==> flow/design.v <==
module scratch_mod #(
   parameter int D = 4,
   parameter int DATA_W = 10,
   parameter int ABITS = $clog2(D)
) (
   input logic CLK,
   input logic RSTN,
   input logic wen_i,
   input logic [ABITS-1:0] wa_i,
   input logic [DATA_W-1:0] wdata_i,
   input logic [ABITS-1:0] ra0_i,
   input logic [ABITS-1:0] ra1_i,
   output logic [DATA_W-1:0] q0_o,
   output logic [DATA_W-1:0] q1_o
);
   logic r_wen;
   logic [ABITS-1:0] r_wa;
   logic [DATA_W-1:0] r_wdata;
   always_ff @(posedge CLK or negedge RSTN) begin
      if (!RSTN) begin
         r_wen <= 1'b0;
         r_wa <= '0;
         r_wdata <= '0;
      end else begin
         r_wen <= wen_i;
         r_wa <= wa_i;
         r_wdata <= wdata_i;
      end
   end
   logic [DATA_W-1:0] ram [D-1:0];
   always_ff @(posedge CLK or negedge RSTN) begin
      if (!RSTN) begin
         for (int t = 0; t < D; t++)
            ram[t] <= '0;
      end else if (r_wen) begin
         ram[r_wa] <= r_wdata;
      end
   end
   logic [ABITS-1:0] r_ra0;
   logic [ABITS-1:0] r_ra1;
   logic [DATA_W-1:0] r_q0;
   always_ff @(posedge CLK or negedge RSTN) begin
      if (!RSTN) begin
         r_ra0 <= '0;
         r_ra1 <= '0;
         r_q0 <= '0;
      end else begin
         r_ra0 <= ra0_i;
         r_ra1 <= ra1_i;
         r_q0 <= ram[r_ra0];
      end
   end
   assign q0_o = r_q0;
   logic [DATA_W-1:0] r_q1;
   always_ff @(posedge CLK or negedge RSTN) begin
      if (!RSTN) begin
         r_q1 <= '0;
      end else begin
         r_q1 <= ram[r_ra1];
      end
   end
   assign q1_o = r_q1;
endmodule
From RTL to reports: scratch_mod
What the tools print for scratch_mod, step after step.
Lines are those of the file above, counted from 1.
Library cell names are shortened.
{"block": "setup", "top": "scratch_mod", "clk_port": "CLK", "lib": "sky130hd", "pvt_corner": "tt_025C_1v80"}

After elaboration
Source: Yosys, flattened and elaborated. Widths are those after wreduce. Registers that Yosys merges into a memory's read port (data or address) are not register bits. Print and check cells do not count. Equal cells are merged and count once.
{"block": "word_totals", "regBits": 77, "latchBits": 0, "ram_bits": 0, "rom_bits": 0, "clocked_rd_ports_x_width": 0, "mem_count": 0, "in_bits": 19, "output_inout_bits": 20, "elab_cells": 29}
{"block": "classes", "addsub": 0, "mul": 0, "div": 0, "compare": 0, "n_eq": 9, "n_shift": 0, "n_mux": 2, "logic": 0, "n_reduce_logical": 7}
{"block": "op_table", "cell": "case mux 10 bit (select 4 bit)", "n": 2}
{"block": "op_table", "cell": "== test 2 bit with constant B", "n": 6}
{"block": "op_table", "cell": "AND reduction 2 bit", "n": 4}
{"block": "op_table", "cell": "== test 2 x 1 -> 1 bit with constant B", "n": 3}
{"block": "op_table", "cell": "logical NOT 2 bit", "n": 3}

Longest topological paths
Longest topological path by Yosys (ltp), each cell counted once; first at word level (registers and memories cut), then after technology mapping (sequential cells cut; the memories' decode and read muxes count).
{"block": "logic_depth", "depth_word": 2, "abc_area": 0, "depth_mapped": 3, "depth_no_buf": 2}

After synthesis
Source: synth_stat.txt of the flow (Yosys; design flattened, memories mapped). It holds for the ABC_AREA given above (unset counts as 0); a run with the other value may have another netlist.
{"block": "types", "type": "dfrtp_1", "n": 77, "area_total_um2": 1.93E+03}
{"block": "types", "type": "mux4_2", "n": 20, "area_total_um2": 450.432}
{"block": "types", "type": "mux2_4", "n": 20, "area_total_um2": 300.288}
{"block": "types", "type": "mux2_2", "n": 20, "area_total_um2": 225.216}
{"block": "types", "type": "buf_6", "n": 5, "area_total_um2": 56.304}
{"block": "types", "type": "nand3b_1", "n": 2, "area_total_um2": 15.014}
{"block": "types", "type": "nor3b_2", "n": 1, "area_total_um2": 12.512}
{"block": "types", "type": "clkbuf_2", "n": 2, "area_total_um2": 10.01}
{"block": "types", "type": "nand3_2", "n": 1, "area_total_um2": 10.01}
{"block": "synth_totals", "cells": 148, "area_um2": 3006.6, "sequential_area_um2": 1926.8, "ffs": 77, "buf_cells": 7}

Path before layout
Path of least setup slack by OpenSTA after synthesis, without wires, with an ideal clock, recovery checks aside; 20% of the period is set as input and as output delay. Where synthesis merged equal registers, the netlist keeps one of their names.
{"block": "synth_path", "path_type": "flip-flop to flip-flop", "from": "register r_wa[1]", "to": "register ram[0][0]", "period_ps": 1480, "setup_ps": 125, "launch_ps": 0, "arrival_ps": 1061, "required_ps": 1355, "slack_ps": 294, "path_delay_ps": 1186, "stages": 4, "n_path_buf": 1, "period_less_setup_slack_ps": 1186}
"path_delay_ps" = arrival - input delay + setup time.
"stages": output pins that drive a net of the path, with the launching flip-flop's if there is one; two outputs of one cell count as two.
"period_less_setup_slack_ps" is the clock period less the worst setup slack; recovery checks do not enter. This is arithmetic on one report: input and output delays are still those of the set period (20% each).
Between the ends stands the longest chain of elaborated cells between them, by number of cells; it is not shown to be the way that was timed. Of several equally long chains one is given.
A line is the first line of the expression or statement that the cell stems from. Yosys adds cells for indexed reads and writes and turns some case tables into memories.
{"block": "synth_via", "cell_sequence": "dfrtp_1 -> nor3b_2 -> buf_6 -> mux2_2", "elab_chain_cells": 2, "cells_between": 2, "cone_lines": 1, "classes_between": "reduce/logical: 2"}
{"block": "synth_lines", "item": "start, declared", "line_no": 17, "rtl": "logic [ABITS-1:0] r_wa;"}
{"block": "synth_lines", "item": "start, assigned", "line_no": 22, "rtl": "r_wa <= '0;"}
{"block": "synth_lines", "item": "start, assigned", "line_no": 26, "rtl": "r_wa <= wa_i;"}
{"block": "synth_lines", "item": "logical NOT 2 bit", "line_no": 36, "rtl": "ram[r_wa] <= r_wdata;"}
{"block": "synth_lines", "item": "AND reduction 2 bit"}
{"block": "synth_lines", "item": "end, assigned", "line_no": 34, "rtl": "ram[t] <= '0;"}
{"block": "synth_lines", "item": "end, assigned", "line_no": 36}
{"block": "synth_lines", "item": "end, declared", "line_no": 30, "rtl": "logic [DATA_W-1:0] ram [D-1:0];"}

Path in the finished layout
Path of least setup slack in the final report of entry A (OpenROAD, finished layout, wires in). Where an end is a register, its clock arrival counts in the times.
The path's times are printed in steps of 10 ps; the period is the one set.
{"block": "layout_path", "path_type": "flip-flop to flip-flop", "from": "register r_wa[1]", "to": "register ram[0][9]", "period_ps": 1480, "setup_ps": 110, "launch_ps": 340, "arrival_ps": 1530, "required_ps": 1710, "slack_ps": 180, "stages": 4, "n_path_buf": 1}
Between the ends stands the longest chain of elaborated cells between them, by number of cells; it is not shown to be the way that was timed. Of several equally long chains one is given.
{"block": "layout_via", "cell_sequence": "dfrtp_1 -> nor3b_2 -> buf_4 -> mux2_2", "elab_chain_cells": 2, "cells_between": 2, "cone_lines": 1, "classes_between": "reduce/logical: 2"}
{"block": "layout_lines", "item": "start, declared", "line_no": 17, "rtl": "logic [ABITS-1:0] r_wa;"}
{"block": "layout_lines", "item": "start, assigned", "line_no": 22, "rtl": "r_wa <= '0;"}
{"block": "layout_lines", "item": "start, assigned", "line_no": 26, "rtl": "r_wa <= wa_i;"}
{"block": "layout_lines", "item": "logical NOT 2 bit", "line_no": 36, "rtl": "ram[r_wa] <= r_wdata;"}
{"block": "layout_lines", "item": "AND reduction 2 bit"}
{"block": "layout_lines", "item": "end, assigned", "line_no": 34, "rtl": "ram[t] <= '0;"}
{"block": "layout_lines", "item": "end, assigned", "line_no": 36}
{"block": "layout_lines", "item": "end, declared", "line_no": 30, "rtl": "logic [DATA_W-1:0] ram [D-1:0];"}

FLOW RESULTS
============

Design scratch_mod on sky130hd. What follows are 3 stored runs of the flow, each under its own settings; their order means nothing. The constraints put input and output delay at 20% of the set period each and load the outputs with 0.01 pF.
"timing.worst_path_ps" is the time allowed to the run's worst setup path (the clock period less input and output delay, where it has them) less its slack. Clock arrival times count: a late capture clock shortens it, a late launch clock lengthens it.
"power_mw" is the tool's figure for a default switching activity; nothing was simulated.
"timing.worst_path_ps" is given in steps of 10 ps.

{"run": "entry A", "settings": { "period_ns": 1.48, "CAP_MARGIN": 20, "CORE_MARGIN": 2, "CORE_UTILIZATION": 40, "SLEW_MARGIN": 20 }, "results": { "yosys_chip_area_um2": 3006.6, "die_um2": 8226.5, "post_route_stdcell_area_um2": 3772.4, "utilization_frac": 0.52, "setup_worst_slack_ps": 177, "timing.hold.ws_ps": 381, "power_mw": 5.344, "timing.worst_path_ps": 1300, "timing.worst_path_kind": "flip-flop to flip-flop" }}
{"run": "entry B", "settings": { "period_ns": 1.04, "CORE_UTILIZATION": 59, "SETUP_SLACK_MARGIN": 0.31, "PLACE_DENSITY_LB_ADDON": 0.25, "CORE_MARGIN": 3, "CELL_PAD_IN_SITES_DETAIL_PLACEMENT": 1, "TNS_END_PERCENT": 85, "ABC_AREA": 0, "CTS_CLUSTER_SIZE": 65, "SLEW_MARGIN": 15, "MIN_ROUTING_LAYER": "met1", "CAP_MARGIN": 20 }, "outcome": "stopped before the end: clock tree synthesis reported DPL-0033"}
{"run": "entry C", "settings": { "period_ns": 1.44, "CORE_UTILIZATION": 47, "SETUP_SLACK_MARGIN": 0.02, "PLACE_DENSITY_LB_ADDON": 0.16, "HOLD_SLACK_MARGIN": -0.07, "CELL_PAD_IN_SITES_GLOBAL_PLACEMENT": 0, "CELL_PAD_IN_SITES_DETAIL_PLACEMENT": 0, "CTS_CLUSTER_SIZE": 63, "CAP_MARGIN": 20, "CORE_MARGIN": 2, "SLEW_MARGIN": 20 }, "results": { "yosys_chip_area_um2": 3006.6, "die_um2": 7052.6, "post_route_stdcell_area_um2": 3756.1, "utilization_frac": 0.598, "setup_worst_slack_ps": 149, "timing.hold.ws_ps": 381, "power_mw": 5.494, "timing.worst_path_ps": 1290, "timing.worst_path_kind": "flip-flop to flip-flop" }}
